==> flow/design.v <==
module ram_block_rtl #(
   parameter int NREGS = 12,
   parameter int WD = 24,
   parameter int RP = 1,
   parameter int ADDR_W = $clog2(NREGS)
) (
   input logic clk_i,
   input logic wen,
   input logic [ADDR_W-1:0] wsel,
   input logic [WD-1:0] write_data,
   input logic [RP*ADDR_W-1:0] rsel,
   output logic [RP*WD-1:0] rd
);
   logic [NREGS*WD-1:0] ram;
   generate
      for (genvar g = 0; g < NREGS; g++) begin : each
         always_ff @(posedge clk_i)
            if (wen && wsel == g) ram[g*WD +: WD] <= write_data;
      end
   endgenerate
   logic [RP*WD-1:0] work;
   always_comb begin
      work = '0;
      for (int j = 0; j < RP; j++) begin
         for (int n = 0; n < NREGS; n++)
            work[j*WD +: WD] = work[j*WD +: WD] | (ram[n*WD +: WD] & {WD{rsel[j*ADDR_W +: ADDR_W] == n}});
      end
   end
   assign rd = work;
endmodule
Step by step through the tools: ram_block_rtl
Tool output for the design above, in the order of the flow.
Line numbers count from 1 in the design file above.
Library cell names are shortened.
Not given: -

design
  top = ram_block_rtl
  clock input = clk_i
  cell library = sky130hd
  corner = tt_025C_1v80

Elaborated design
Counts by Yosys on the flattened word-level netlist (proc, flatten, opt, wreduce; memories kept). Register bits leave out memories and registers merged into their read ports (data or address); mux counts leave out enables and synchronous resets folded into registers. Print and check cells are left out. Cells with the same type and inputs are merged into one.

cells by class
  equal/unequal tests = 22
  bitwise logic cells = 23
  reductions and logical operators = 14

operators by type and width
  operator                                                        count
  24-bit bitwise AND                                              12
  24-bit OR                                                       11
  4-bit by 3-bit equality test with 1-bit output with constant B  8
  4-bit equality test with constant B                             8
  4-bit by 2-bit equality test with 1-bit output with constant B  4
  1-bit logical AND                                               12
  4-bit by 1-bit equality test with 1-bit output with constant B  2
  4-bit zero test                                                 2

word-level totals
  bits in registers = 288
  input port bits = 34
  output and inout bits = 24
  cells after elaboration = 71

Depth
Longest topological path by Yosys (ltp), each cell counted once; first at word level (registers and memories cut), then after technology mapping (sequential cells cut; the memories' decode and read muxes count).

logic depth
  word-level depth = 13
  ABC_AREA = 0
  mapped depth = 7

After synthesis
Source: synth_stat.txt of the flow (Yosys; design flattened, memories mapped). It holds for the ABC_AREA given above (unset counts as 0); a run with the other value may have another netlist.
The area totals of this step are shown rounded.

synthesis totals
  cell count = 636
  cell area after synthesis = 0.01123 mm^2
  sequential area = 0.008648 mm^2
  mapped flip-flops = 288
  buffer cells = 40

cell types
  cell type  count  total area (um^2)
  edfxtp_1   288    8.65E+03
  a22oi_1    49     367.853
  mux2_2     24     270.259
  a22o_1     25     218.96
  mux2i_1    15     150.144
  a32oi_1    16     140.134
  o22ai_1    19     118.864
  mux4_2     4      90.086
  o221ai_1   10     87.584
  buf_2      16     80.077
  nand2_1    20     75.072
  nor2b_1    10     62.56
  a221oi_1   7      61.309
  nor2_1     16     60.058
  buf_4      7      52.55
  o32ai_1    6      52.55
  buf_6      4      45.043
  or3_1      7      43.792

Not listed: further types 33, cells in them 93.

Timing after synthesis
OpenSTA on the mapped netlist: ideal clock, no wires. The path of least setup slack (recovery checks aside). Input and output delay are each 20% of the period. Register names are those of the netlist, which keeps one name where synthesis merged equal registers.

path post-synthesis
  path type = in2reg
  start point = in wsel[3]
  end point = reg ram[0]
  period = 4.09 ns
  external input delay = 0.818 ns
  setup time = 0.435 ns
  time at the first pin = 0.818 ns
  data arrival time = 3.002 ns
  required time = 3.655 ns
  slack = 0.653 ns
  path delay = 2.619 ns
  driving pins on the path = 2
  buffers on the path = 0
  period reached after synthesis = 3.437 ns

"path delay" is the arrival time less input delay plus setup time.
"driving pins on the path": output pins that drive a net of the path, with the launching flip-flop's if there is one; two outputs of one cell count as two.
"period reached after synthesis" is the clock period less the worst setup slack; recovery checks do not enter. This is arithmetic on one report: input and output delays are still those of the set period (20% each).
Between the ends stands the longest chain of elaborated cells between them, by number of cells; it is not shown to be the way that was timed. Of several equally long chains one is given.
A line is the first line of the expression or statement that the cell stems from. Yosys adds cells for indexed reads and writes and turns some case tables into memories.

on the way, post-synthesis
  cell sequence = or3b_2 -> nor3_1
  cells in the longest elaborated chain = 2

RTL lines, path post-synthesis
  element             line  RTL
  start: declaration  9     input logic [ADDR_W-1:0] wsel,
  4-bit zero test     18    if (wen && wsel == g) ram[g*WD +: WD] <= write_data;
  1-bit logical AND   18
  end: assignment     18
  end: declaration    14    logic [NREGS*WD-1:0] ram;

Path in the finished layout
Path of least setup slack in the final report of run A (OpenROAD, finished layout, wires in). Where an end is a register, its clock arrival counts in the times.

path post-layout
  path type = in2out
  start point = in rsel[2]
  end point = out rd[16]
  period = 3.43 ns
  external input delay = 0.69 ns
  output delay = 0.69 ns
  time at the first pin = 0.69 ns
  data arrival time = 2.69 ns
  required time = 2.74 ns
  slack = 0.05 ns
  driving pins on the path = 7
  buffers on the path = 3

Between the ends stands the longest chain of elaborated cells between them, by number of cells; it is not shown to be the way that was timed. Of several equally long chains one is given.

on the way, post-layout
  cell sequence = clkbuf_4 -> and3b_2 -> buf_4 -> a32oi_1 -> o22ai_1 -> or3_1 -> clkdlybuf4s50_1
  cells in the longest elaborated chain = 13

RTL lines, path post-layout
  element                  line  RTL
  start: declaration       11    input logic [RP*ADDR_W-1:0] rsel,
  4-bit zero test          26    work[j*WD +: WD] = work[j*WD +: WD] | (ram[n*WD +: WD] & {WD{rsel[j*ADDR_W +: ADDR_W] == n}});
  24-bit bitwise AND       26
  24-bit OR (11 in a row)  26
  end: declaration         12    output logic [RP*WD-1:0] rd

# Flow runs of ram_block_rtl

Measured results for ram_block_rtl: 3 stored runs of the Yosys and OpenROAD flow on sky130hd. The settings differ; the order carries no meaning. The constraints put input and output delay at 20% of the set period each and load the outputs with 0.01 pF.
"achieved clock period": clock period set for the run, less the worst setup slack. It is reckoned from that one timing run; input and output delays stay at 20% of the period that was set.
"power" is the tool's figure for a default switching activity; nothing was simulated.
Results are given in rounded form.

Run A
==> flow/run.sh <==
#!/bin/bash
# the make line also repeats the synthesis and layout settings of config.mk as NAME=value (left out here)
make -C /OpenROAD-flow-scripts/flow DESIGN_CONFIG=/design/flow/config.mk WORK_HOME=/design/flow/orfs CLKGATE_MAP_FILE= finish
==> flow/config.mk <==
export PLATFORM = sky130hd
export DESIGN_NAME = ram_block_rtl
export DESIGN_NICKNAME = ram_block_rtl
export VERILOG_FILES = /design/flow/design.v
export SDC_FILE = /design/flow/constraint.sdc
export NUM_CORES = 4
export LEC_CHECK = 0
export CAP_MARGIN = 20
export CELL_PAD_IN_SITES_DETAIL_PLACEMENT = 1
export CORE_MARGIN = 2
export CORE_UTILIZATION = 28
export GPL_ROUTABILITY_DRIVEN = 1
export HOLD_SLACK_MARGIN = 0.16
export MIN_ROUTING_LAYER = met2
export PLACE_DENSITY = 0.63
export SETUP_SLACK_MARGIN = 0.01
export SLEW_MARGIN = 35
export TNS_END_PERCENT = 65
==> flow/constraint.sdc <==
create_clock -name core_clock -period 3.43 [get_ports {clk_i}]
set_input_delay 0.6860 -clock core_clock [delete_from_list [all_inputs] [get_ports {clk_i}]]
set_output_delay 0.6860 -clock core_clock [all_outputs]
set_load 0.01 [all_outputs]

==> results of run A <==
chip area after synthesis (Yosys): 0.01123 mm^2
die area: 0.04172 mm^2
standard-cell area of the final layout: 0.01412 mm^2
utilization: 0.356
worst setup slack after layout: 0.049 ns
total negative slack: 0.000 ns
worst hold slack: 0.967 ns
power: 7.989 mW
achieved clock period: 3.381 ns

Run B
==> flow/run.sh <==
#!/bin/bash
# the make line also repeats the synthesis and layout settings of config.mk as NAME=value (left out here)
make -C /OpenROAD-flow-scripts/flow DESIGN_CONFIG=/design/flow/config.mk WORK_HOME=/design/flow/orfs CLKGATE_MAP_FILE= finish
==> flow/config.mk <==
export PLATFORM = sky130hd
export DESIGN_NAME = ram_block_rtl
export DESIGN_NICKNAME = ram_block_rtl
export VERILOG_FILES = /design/flow/design.v
export SDC_FILE = /design/flow/constraint.sdc
export NUM_CORES = 4
export LEC_CHECK = 0
export CAP_MARGIN = 20
export CORE_MARGIN = 2
export CORE_UTILIZATION = 40
export SLEW_MARGIN = 20
==> flow/constraint.sdc <==
create_clock -name core_clock -period 4.09 [get_ports {clk_i}]
set_input_delay 0.8180 -clock core_clock [delete_from_list [all_inputs] [get_ports {clk_i}]]
set_output_delay 0.8180 -clock core_clock [all_outputs]
set_load 0.01 [all_outputs]

==> results of run B <==
chip area after synthesis (Yosys): 0.01123 mm^2
die area: 0.02943 mm^2
standard-cell area of the final layout: 0.01351 mm^2
utilization: 0.488
worst setup slack after layout: 0.146 ns
total negative slack: 0.000 ns
worst hold slack: 1.106 ns
power: 6.339 mW
achieved clock period: 3.944 ns

Run C
==> flow/run.sh <==
#!/bin/bash
# the make line also repeats the synthesis and layout settings of config.mk as NAME=value (left out here)
make -C /OpenROAD-flow-scripts/flow DESIGN_CONFIG=/design/flow/config.mk WORK_HOME=/design/flow/orfs CLKGATE_MAP_FILE= finish
==> flow/config.mk <==
export PLATFORM = sky130hd
export DESIGN_NAME = ram_block_rtl
export DESIGN_NICKNAME = ram_block_rtl
export VERILOG_FILES = /design/flow/design.v
export SDC_FILE = /design/flow/constraint.sdc
export NUM_CORES = 4
export LEC_CHECK = 0
export ABC_AREA = 1
export CAP_MARGIN = 25
export CORE_ASPECT_RATIO = 1.43
export CORE_MARGIN = 2
export CORE_UTILIZATION = 57
export GPL_ROUTABILITY_DRIVEN = 1
export MAX_ROUTING_LAYER = met4
export PLACE_DENSITY_LB_ADDON = 0.15
export SLEW_MARGIN = 20
==> flow/constraint.sdc <==
create_clock -name core_clock -period 2.15 [get_ports {clk_i}]
set_input_delay 0.4300 -clock core_clock [delete_from_list [all_inputs] [get_ports {clk_i}]]
set_output_delay 0.4300 -clock core_clock [all_outputs]
set_load 0.01 [all_outputs]

==> results of run C <==
chip area after synthesis (Yosys): 0.01137 mm^2
die area: 0.02111 mm^2
standard-cell area of the final layout: 0.01405 mm^2
utilization: 0.719
worst setup slack after layout: -0.017 ns
total negative slack: -0.017 ns
worst hold slack: 0.730 ns
power: 11.30 mW
achieved clock period: 2.167 ns
